==> flow/design.v <==
module cpu_selector_p #(
   parameter DW = 12
) (
   input wire CLK,
   input wire rst_i,
   input wire [DW-1:0] i_din0,
   input wire [DW-1:0] i_din1,
   input wire [DW-1:0] i_din2,
   input wire [DW-1:0] i_din3,
   input wire [DW-1:0] i_din4,
   input wire [DW-1:0] i_din5,
   input wire [DW-1:0] i_din6,
   input wire [DW-1:0] i_din7,
   input wire [6:0] i_s,
   output reg [DW-1:0] o_result
);
   reg [DW-1:0] din0_d1;
   reg [DW-1:0] din1_d1;
   reg [DW-1:0] din2_d1;
   reg [DW-1:0] din3_d1;
   reg [DW-1:0] din4_d1;
   reg [DW-1:0] din5_d1;
   reg [DW-1:0] din6_d1;
   reg [DW-1:0] din7_d1;
   reg [6:0] s_d1;
   always @(posedge CLK or posedge rst_i) begin
      if (rst_i) begin
         din0_d1 <= 0;
         din1_d1 <= 0;
         din2_d1 <= 0;
         din3_d1 <= 0;
         din4_d1 <= 0;
         din5_d1 <= 0;
         din6_d1 <= 0;
         din7_d1 <= 0;
         s_d1 <= 0;
      end else begin
         din0_d1 <= i_din0;
         din1_d1 <= i_din1;
         din2_d1 <= i_din2;
         din3_d1 <= i_din3;
         din4_d1 <= i_din4;
         din5_d1 <= i_din5;
         din6_d1 <= i_din6;
         din7_d1 <= i_din7;
         s_d1 <= i_s;
      end
   end
   reg [DW-1:0] val;
   always @(*) begin
      casez (s_d1)
         7'b??????1: val = din0_d1;
         7'b?????10: val = din1_d1;
         7'b????100: val = din2_d1;
         7'b???1000: val = din3_d1;
         7'b??10000: val = din4_d1;
         7'b?100000: val = din5_d1;
         7'b1000000: val = din6_d1;
         default: val = din7_d1;
      endcase
   end
   always @(posedge CLK or posedge rst_i) begin
      if (rst_i) begin
         o_result <= 0;
      end else begin
         o_result <= val;
      end
   end
endmodule
* Tool chain data of cpu_selector_p
The steps from the RTL of cpu_selector_p to its reports follow in flow order. Lines are those of the file above, counted from 1. Operators carry their Yosys type and port widths (W data, S select, Z words). Not given: n/a
Inputs: top cpu_selector_p, clock input CLK, standard-cell library sky130hd, corner tt_025C_1v80

* After elaboration
Yosys after proc, flatten, opt, wreduce and memory -nomap, before mapping. Enables and synchronous resets that opt folds into registers are not counted as muxes. Memory bits, and registers merged into a memory's read port (data or address), are not among the register bits. Print and check cells are not counted. Equal cells are merged and count once.
Bit counts: register bits after elaboration 115, output and inout port bits 12
Operators by class: eq/ne operators 6, mux-type cells 1
Operators by type and width (count):
- $pmux W12 S7 | 1
- $eq A7 B7 Y1 const B | 1
- $eq A6 B6 Y1 const B | 1
- $eq A5 B5 Y1 const B | 1
- $eq A4 B4 Y1 const B | 1
- $eq A3 B3 Y1 const B | 1
- $eq A2 B2 Y1 const B | 1

* Longest topological paths
Depth = most cells in a row (Yosys ltp): at word level without a register or memory, in the mapped netlist without a sequential cell, where the memories' decode and read muxes count.
Logic depth: depth in word-level cells 2, ABC_AREA 0, depth in mapped cells 5, gate-level depth less buffers 3

* Netlist
Yosys stat after the flow's synthesis: flattened, memories mapped to cells. It holds for the ABC_AREA given above (unset counts as 0); a run with the other value may have another netlist.
Mapped netlist: cell count 244, mapped area 3747.3 µm², flip-flops 115, buffer cells 14
Cell types (count):
- sky130_fd_sc_hd__dfrtp_1 | 115
- sky130_fd_sc_hd__nor2b_1 | 25
- sky130_fd_sc_hd__a32o_1 | 12
- sky130_fd_sc_hd__o32a_1 | 12
- sky130_fd_sc_hd__a2111oi_0 | 12
- sky130_fd_sc_hd__nand3b_1 | 12
- sky130_fd_sc_hd__a31oi_1 | 12
- sky130_fd_sc_hd__inv_1 | 14
- sky130_fd_sc_hd__clkbuf_1 | 12
- sky130_fd_sc_hd__nand2_1 | 12
- sky130_fd_sc_hd__buf_6 | 2
- sky130_fd_sc_hd__or4_4 | 2
- sky130_fd_sc_hd__nor4b_1 | 1
- sky130_fd_sc_hd__nor4_1 | 1

* Worst setup path after synthesis
Path of least setup slack by OpenSTA after synthesis, without wires, with an ideal clock, recovery checks aside; 20% of the period is set as input and as output delay. Where synthesis merged equal registers, the netlist keeps one of their names.
Timing after synthesis: path kind reg-to-reg, start register s_d1[1], end register o_result[10], period 2.34 ns, setup time 0.126 ns, launch time at the first pin 0.000 ns, arrival 1.747 ns, required time 2.214 ns, path slack 0.467 ns, delay of the path 1.873 ns, stages 6, buffers on the path 2, synthesis period reached 1.873 ns
"delay of the path" is the arrival time less input delay plus setup time. "stages": output pins that drive a net of the path, with the launching flip-flop's if there is one; two outputs of one cell count as two. "synthesis period reached" = period - worst setup slack (recovery checks aside). The figure is calculated, with input and output delays left at 20% of the set period. Between the ends stands the longest chain of elaborated cells between them, by number of cells; it is not shown to be the way that was timed. Of several equally long chains one is given. A line is the first line of the expression or statement that the cell stems from. Yosys adds cells for indexed reads and writes and turns some case tables into memories.
Between the ends, after synthesis: cells stage by stage sky130_fd_sc_hd__dfrtp_1 sky130_fd_sc_hd__buf_6 sky130_fd_sc_hd__or4_4 sky130_fd_sc_hd__or4_4 sky130_fd_sc_hd__buf_6 sky130_fd_sc_hd__o32a_1, cells in the longest elaborated chain 2
RTL lines, path after synthesis:
- from (decl) | RTL line 25 | reg [6:0] s_d1;
- from (assign) | RTL line 36 | s_d1 <= 0;
- from (assign) | RTL line 46 | s_d1 <= i_s;
- $eq A7 B7 Y1 | RTL line 51 | casez (s_d1)
- $pmux W12 S7 | RTL line 51
- to (assign) | RTL line 64 | o_result <= 0;
- to (assign) | RTL line 66 | o_result <= val;
- to (decl) | RTL line 15 | output reg [DW-1:0] o_result

* Timing after layout
Path of least setup slack in the final report of stored run 1 (OpenROAD, finished layout, wires in). Where an end is a register, its clock arrival counts in the times.
Timing post-layout: path kind reg-to-reg, start register s_d1[1], end register o_result[0], period 2.62 ns, setup time 0.12 ns, launch time at the first pin 0.41 ns, arrival 2.23 ns, required time 2.90 ns, path slack 0.67 ns, stages 4, buffers on the path 0
Between the ends stands the longest chain of elaborated cells between them, by number of cells; it is not shown to be the way that was timed. Of several equally long chains one is given.
Between the ends, post-layout: cells stage by stage sky130_fd_sc_hd__dfrtp_1 sky130_fd_sc_hd__or4_4 sky130_fd_sc_hd__or4_4 sky130_fd_sc_hd__o32a_1, cells in the longest elaborated chain 2
RTL lines, path post-layout:
- from (decl) | RTL line 25 | reg [6:0] s_d1;
- from (assign) | RTL line 36 | s_d1 <= 0;
- from (assign) | RTL line 46 | s_d1 <= i_s;
- $eq A7 B7 Y1 | RTL line 51 | casez (s_d1)
- $pmux W12 S7 | RTL line 51
- to (assign) | RTL line 64 | o_result <= 0;
- to (assign) | RTL line 66 | o_result <= val;
- to (decl) | RTL line 15 | output reg [DW-1:0] o_result

FLOW RESULTS
============

Module cpu_selector_p, platform sky130hd: 3 stored runs of the flow (Yosys, OpenROAD) with differing settings, in no particular order. Input and output delays are each 20% of the period that was set; the output load is 0.01 pF.
"achieved period" = clock period - worst setup slack. The figure is calculated, with input and output delays left at 20% of the set period.
"time on the worst setup path": the worst setup path's part of the clock period (all of it between registers, 20% less for each end at a port) less its slack. A launch clock that arrives late makes it longer, a capture clock that arrives late makes it shorter.

* Stored run 1 | settings: period_ns 2.62; CORE_UTILIZATION 32; SETUP_SLACK_MARGIN 0.35; PLACE_DENSITY_LB_ADDON 0.13; CORE_MARGIN 8; CELL_PAD_IN_SITES_GLOBAL_PLACEMENT 0; CELL_PAD_IN_SITES_DETAIL_PLACEMENT 2; GPL_TIMING_DRIVEN 1; GPL_ROUTABILITY_DRIVEN 1; CTS_CLUSTER_DIAMETER 297; CAP_MARGIN 20; SLEW_MARGIN 5; MIN_ROUTING_LAYER met1 | results: standard-cell area after layout 5650.4 µm²; die footprint 15429.4 µm²; area of the synthesized netlist 3747.3 µm²; time on the worst setup path 1.95 ns; worst setup path kind reg-to-reg; summed negative setup slack 0.000 ns; worst slack on setup checks 0.672 ns; achieved period 1.948 ns
* Stored run 2 | settings: period_ns 2.34; CAP_MARGIN 20; CORE_MARGIN 2; CORE_UTILIZATION 40; SLEW_MARGIN 20 | results: standard-cell area after layout 5647.9 µm²; die footprint 10158.6 µm²; area of the synthesized netlist 3747.3 µm²; time on the worst setup path 1.90 ns; worst setup path kind reg-to-reg; summed negative setup slack 0.000 ns; worst slack on setup checks 0.436 ns; achieved period 1.904 ns
* Stored run 3 | settings: period_ns 2.39; CORE_UTILIZATION 58; SETUP_SLACK_MARGIN 0.49; PLACE_DENSITY_LB_ADDON 0.07; CORE_ASPECT_RATIO 0.76; MAX_ROUTING_LAYER met5; CAP_MARGIN 20; CORE_MARGIN 2; SLEW_MARGIN 20 | results: standard-cell area after layout 5823.1 µm²; die footprint 7126.0 µm²; area of the synthesized netlist 3747.3 µm²; time on the worst setup path 1.95 ns; worst setup path kind reg-to-reg; summed negative setup slack 0.000 ns; worst slack on setup checks 0.444 ns; achieved period 1.946 ns
